==> flow/design.v <==
module regfile #(
  parameter integer NWORDS = 8,
  parameter integer NBITS = 48,
  parameter integer AWIDTH = $clog2(NWORDS)
) (
  input wire i_clk,
  input wire rst_ni,
  input wire we,
  input wire [AWIDTH-1:0] write_addr,
  input wire [NBITS-1:0] wd,
  input wire [AWIDTH-1:0] raddr_a,
  input wire [AWIDTH-1:0] raddr_b,
  output wire [NBITS-1:0] q_a,
  output wire [NBITS-1:0] q_b
);
  reg [NBITS-1:0] array [0:NWORDS-1];
  always @(posedge i_clk) begin
    if (we && write_addr != 0)
      array[write_addr] <= wd;
  end
  reg [NBITS-1:0] q_a_s;
  always @(posedge i_clk or negedge rst_ni) begin
    if (~rst_ni) begin
      q_a_s <= 0;
    end else begin
      q_a_s <= (raddr_a == 0) ? {NBITS{1'b0}} : array[raddr_a];
    end
  end
  assign q_a = q_a_s;
  reg [NBITS-1:0] q_b_s;
  always @(posedge i_clk or negedge rst_ni) begin
    if (~rst_ni) begin
      q_b_s <= 0;
    end else begin
      q_b_s <= (raddr_b == 0) ? {NBITS{1'b0}} : array[raddr_b];
    end
  end
  assign q_b = q_b_s;
endmodule
# Reports on regfile

Tool output for the design above, in the order of the flow.
Lines are those of the file above, counted from 1.
Operators: Yosys type, input widths -> output width; for muxes data width and select width s.
Library cell names are shortened.
The mark -- stands for no value.

Top module: regfile
Clock input: i_clk
Library: sky130hd
Library corner: tt_025C_1v80

# After elaboration

Counts by Yosys on the flattened word-level netlist (proc, flatten, opt, wreduce; memories kept). Register bits leave out memories and registers merged into their read ports (data or address); mux counts leave out enables and synchronous resets folded into registers. Print and check cells are left out. Cells with the same type and inputs are merged into one.
Yosys's memory passes give these memory sizes; they may raise the number of words (mostly to a power of two), join words into wider ones and drop unused or constant bits.

Register bits after elaboration: 96
Bits in writable memories: 384
Memory cells: 1
Output and inout bits: 96
Cells after elaboration: 12

Muxes and demuxes: 5
Reductions and logical operators: 4

Memory list:

| name  | depth | bits a word | rd ports | wr ports | line | RTL |
| array | 8     | 48          | 2        | 1        | 16   | `reg [NBITS-1:0] array [0:NWORDS-1];` |

Operators with widths:

| kind              | number |
| $mux 48           | 3 |
| $logic_not 3->1   | 2 |
| $reduce_bool 3->1 | 1 |
| $mux 3            | 1 |
| $logic_and 1x1->1 | 1 |
| $mux 1            | 1 |

# Logic depth

Yosys ltp: most cells in a row. Word level: on the elaborated netlist, between registers, memories and ports. Mapped: between sequential cells and ports; inverters and the memories' decode and read muxes count.

Depth after elaboration: 3
ABC_AREA: 0
Gate-level depth with buffers: 6
Mapped depth without buffers: 3

# Synthesis result

The flow's flattened synthesis, as Yosys stat reports it; memories are mapped. The netlist is that of the ABC_AREA named above (0 if unset); the other value can give another one.
The area totals of this step are shown rounded.

Cells in the netlist: 1017
Chip area (Yosys): 0.018 mm²
Sequential area: 0.012 mm²
Flip-flops: 432

Cells by type:

| cell type | number | total area (µm²) |
| edfxtp_1  | 336    | 1.01E+04 |
| dfrtp_1   | 96     | 2.4E+03 |
| mux2i_1   | 192    | 1.92E+03 |
| a221oi_1  | 190    | 1.66E+03 |
| mux2_2    | 96     | 1.08E+03 |
| buf_6     | 14     | 157.651 |
| buf_2     | 24     | 120.115 |
| clkbuf_1  | 26     | 97.594 |
| buf_4     | 12     | 90.086 |
| buf_8     | 6      | 90.086 |
| nor2b_1   | 4      | 25.024 |
| nor2_1    | 6      | 22.522 |
| nand2b_1  | 3      | 18.768 |
| nor2b_4   | 1      | 13.763 |
| and2_1    | 2      | 12.512 |
| nand2_1   | 3      | 11.261 |
| a22o_1    | 1      | 8.758 |
| a31oi_1   | 1      | 6.256 |

Other cell types: 4; their cells: 4.

# Timing after synthesis

Path of least setup slack by OpenSTA after synthesis, without wires, with an ideal clock, recovery checks aside; 20% of the period is set as input and as output delay. Where synthesis merged equal registers, the netlist keeps one of their names.

Path type: input-to-reg
From: input write_addr[2]
To: memory array[1][0]
Clock period: 6.07 ns
Input delay: 1.214 ns
Setup time: 0.513 ns
Launch time at the first pin: 1.214 ns
Arrival time: 4.586 ns
Data required time: 5.557 ns
Setup slack: 0.971 ns
Delay of the path: 3.885 ns
Stages: 1
Path buffers: 0
Period reached after synthesis: 5.099 ns

"delay of the path" = arrival - input delay + setup time.
"stages": output pins that drive a net of the path, with the launching flip-flop's if there is one; two outputs of one cell count as two.
"period reached after synthesis" = period - worst setup slack (recovery checks aside). The figure is calculated, with input and output delays left at 20% of the set period.
Between the ends stands the longest chain of elaborated cells between them, by number of cells; it is not shown to be the way that was timed. Of several equally long chains one is given.
A line is the first line of the expression or statement that the cell stems from. Yosys adds cells for indexed reads and writes and turns some case tables into memories.
Only ways into the end's enable, where the timed path ends, are counted here.

Path through: nor3_1
Cells in the longest elaborated chain: 3

Ends and longest elaborated chain, post-synthesis:

| what              | line | RTL |
| start, declared   | 9    | `input wire [AWIDTH-1:0] write_addr,` |
| $reduce_bool 3->1 | 18   | `if (we && write_addr != 0)` |
| $logic_and 1x1->1 | 18   |  |
| $mux 3            | 18   |  |
| end, declared     | 16   | `reg [NBITS-1:0] array [0:NWORDS-1];` |

# Path in the finished layout

Path of least setup slack in the final report of run 1 (OpenROAD, finished layout, wires in). Where an end is a register, its clock arrival counts in the times.

Path type: input-to-reg
From: input raddr_b[0]
To: register q_b_s[26]
Clock period: 8.25 ns
Input delay: 1.65 ns
Setup time: 0.15 ns
Launch time at the first pin: 1.65 ns
Arrival time: 4.30 ns
Data required time: 8.68 ns
Setup slack: 4.38 ns
Stages: 5
Path buffers: 2

Between the ends stands the longest chain of elaborated cells between them, by number of cells; it is not shown to be the way that was timed. Of several equally long chains one is given.
The chain passes a memory read, where the word-level depth is cut; so it can be longer than that depth.

Path through: clkbuf_8 > nor2b_4 > buf_4 > a221oi_1 > a221oi_1
Cells in the longest elaborated chain: 2

Ends and longest elaborated chain, after layout:

| what            | line | RTL |
| start, declared | 12   | `input wire [AWIDTH-1:0] raddr_b,` |
| $mem_v2 8x48    | 16   | `reg [NBITS-1:0] array [0:NWORDS-1];` |
| $mux 48         | 35   | `q_b_s <= (raddr_b == 0) ? {NBITS{1'b0}} : array[raddr_b];` |
| end, assigned   | 33   | `q_b_s <= 0;` |
| end, assigned   | 35   |  |
| end, declared   | 30   | `reg [NBITS-1:0] q_b_s;` |

==> results <==
Stored flow runs of regfile (3 of them; Yosys, OpenROAD, sky130hd). They differ in their settings and are not a sequence. Constraints: input delay and output delay 20% of the set period each, output load 0.01 pF.
"total power after layout": no workload was simulated; the value follows from the tool's default switching activity.
Measured values are rounded.
Settings: -- = not set for that run.

| name                                  | run 1 | run 2 | run 3 |
| period_ns                             | 8.25  | 6.07  | 4.84  |
| CORE_UTILIZATION                      | 43    | 40    | 64    |
| SETUP_SLACK_MARGIN                    | -0.42 | --    | 1.38  |
| PLACE_DENSITY                         | 0.36  | --    | --    |
| CORE_ASPECT_RATIO                     | 0.96  | --    | 1.16  |
| CORE_MARGIN                           | 10    | 2     | 2     |
| TNS_END_PERCENT                       | 65    | --    | --    |
| GPL_ROUTABILITY_DRIVEN                | 0     | --    | --    |
| CTS_CLUSTER_DIAMETER                  | 179   | --    | 33    |
| CAP_MARGIN                            | 0     | 20    | 20    |
| MIN_ROUTING_LAYER                     | met2  | --    | met1  |
| MAX_ROUTING_LAYER                     | met4  | --    | --    |
| SLEW_MARGIN                           | 20    | 20    | 20    |
| PLACE_DENSITY_LB_ADDON                | --    | --    | 0.27  |
| HOLD_SLACK_MARGIN                     | --    | --    | -0.04 |
| ABC_AREA                              | --    | --    | 0     |
| CTS_CLUSTER_SIZE                      | --    | --    | 52    |
| overall die area (mm²)                | 0.05  | 0.046 | 0.029 |
| total power after layout (µW)         | 5000  | 6800  | 9200  |
| area of the synthesized netlist (mm²) | 0.018 | 0.018 | 0.018 |
| utilization of the finished layout    | 0.51  | 0.48  | 0.79  |
| setup slack of the worst path (ns)    | 4.4   | 2.7   | 2.2   |
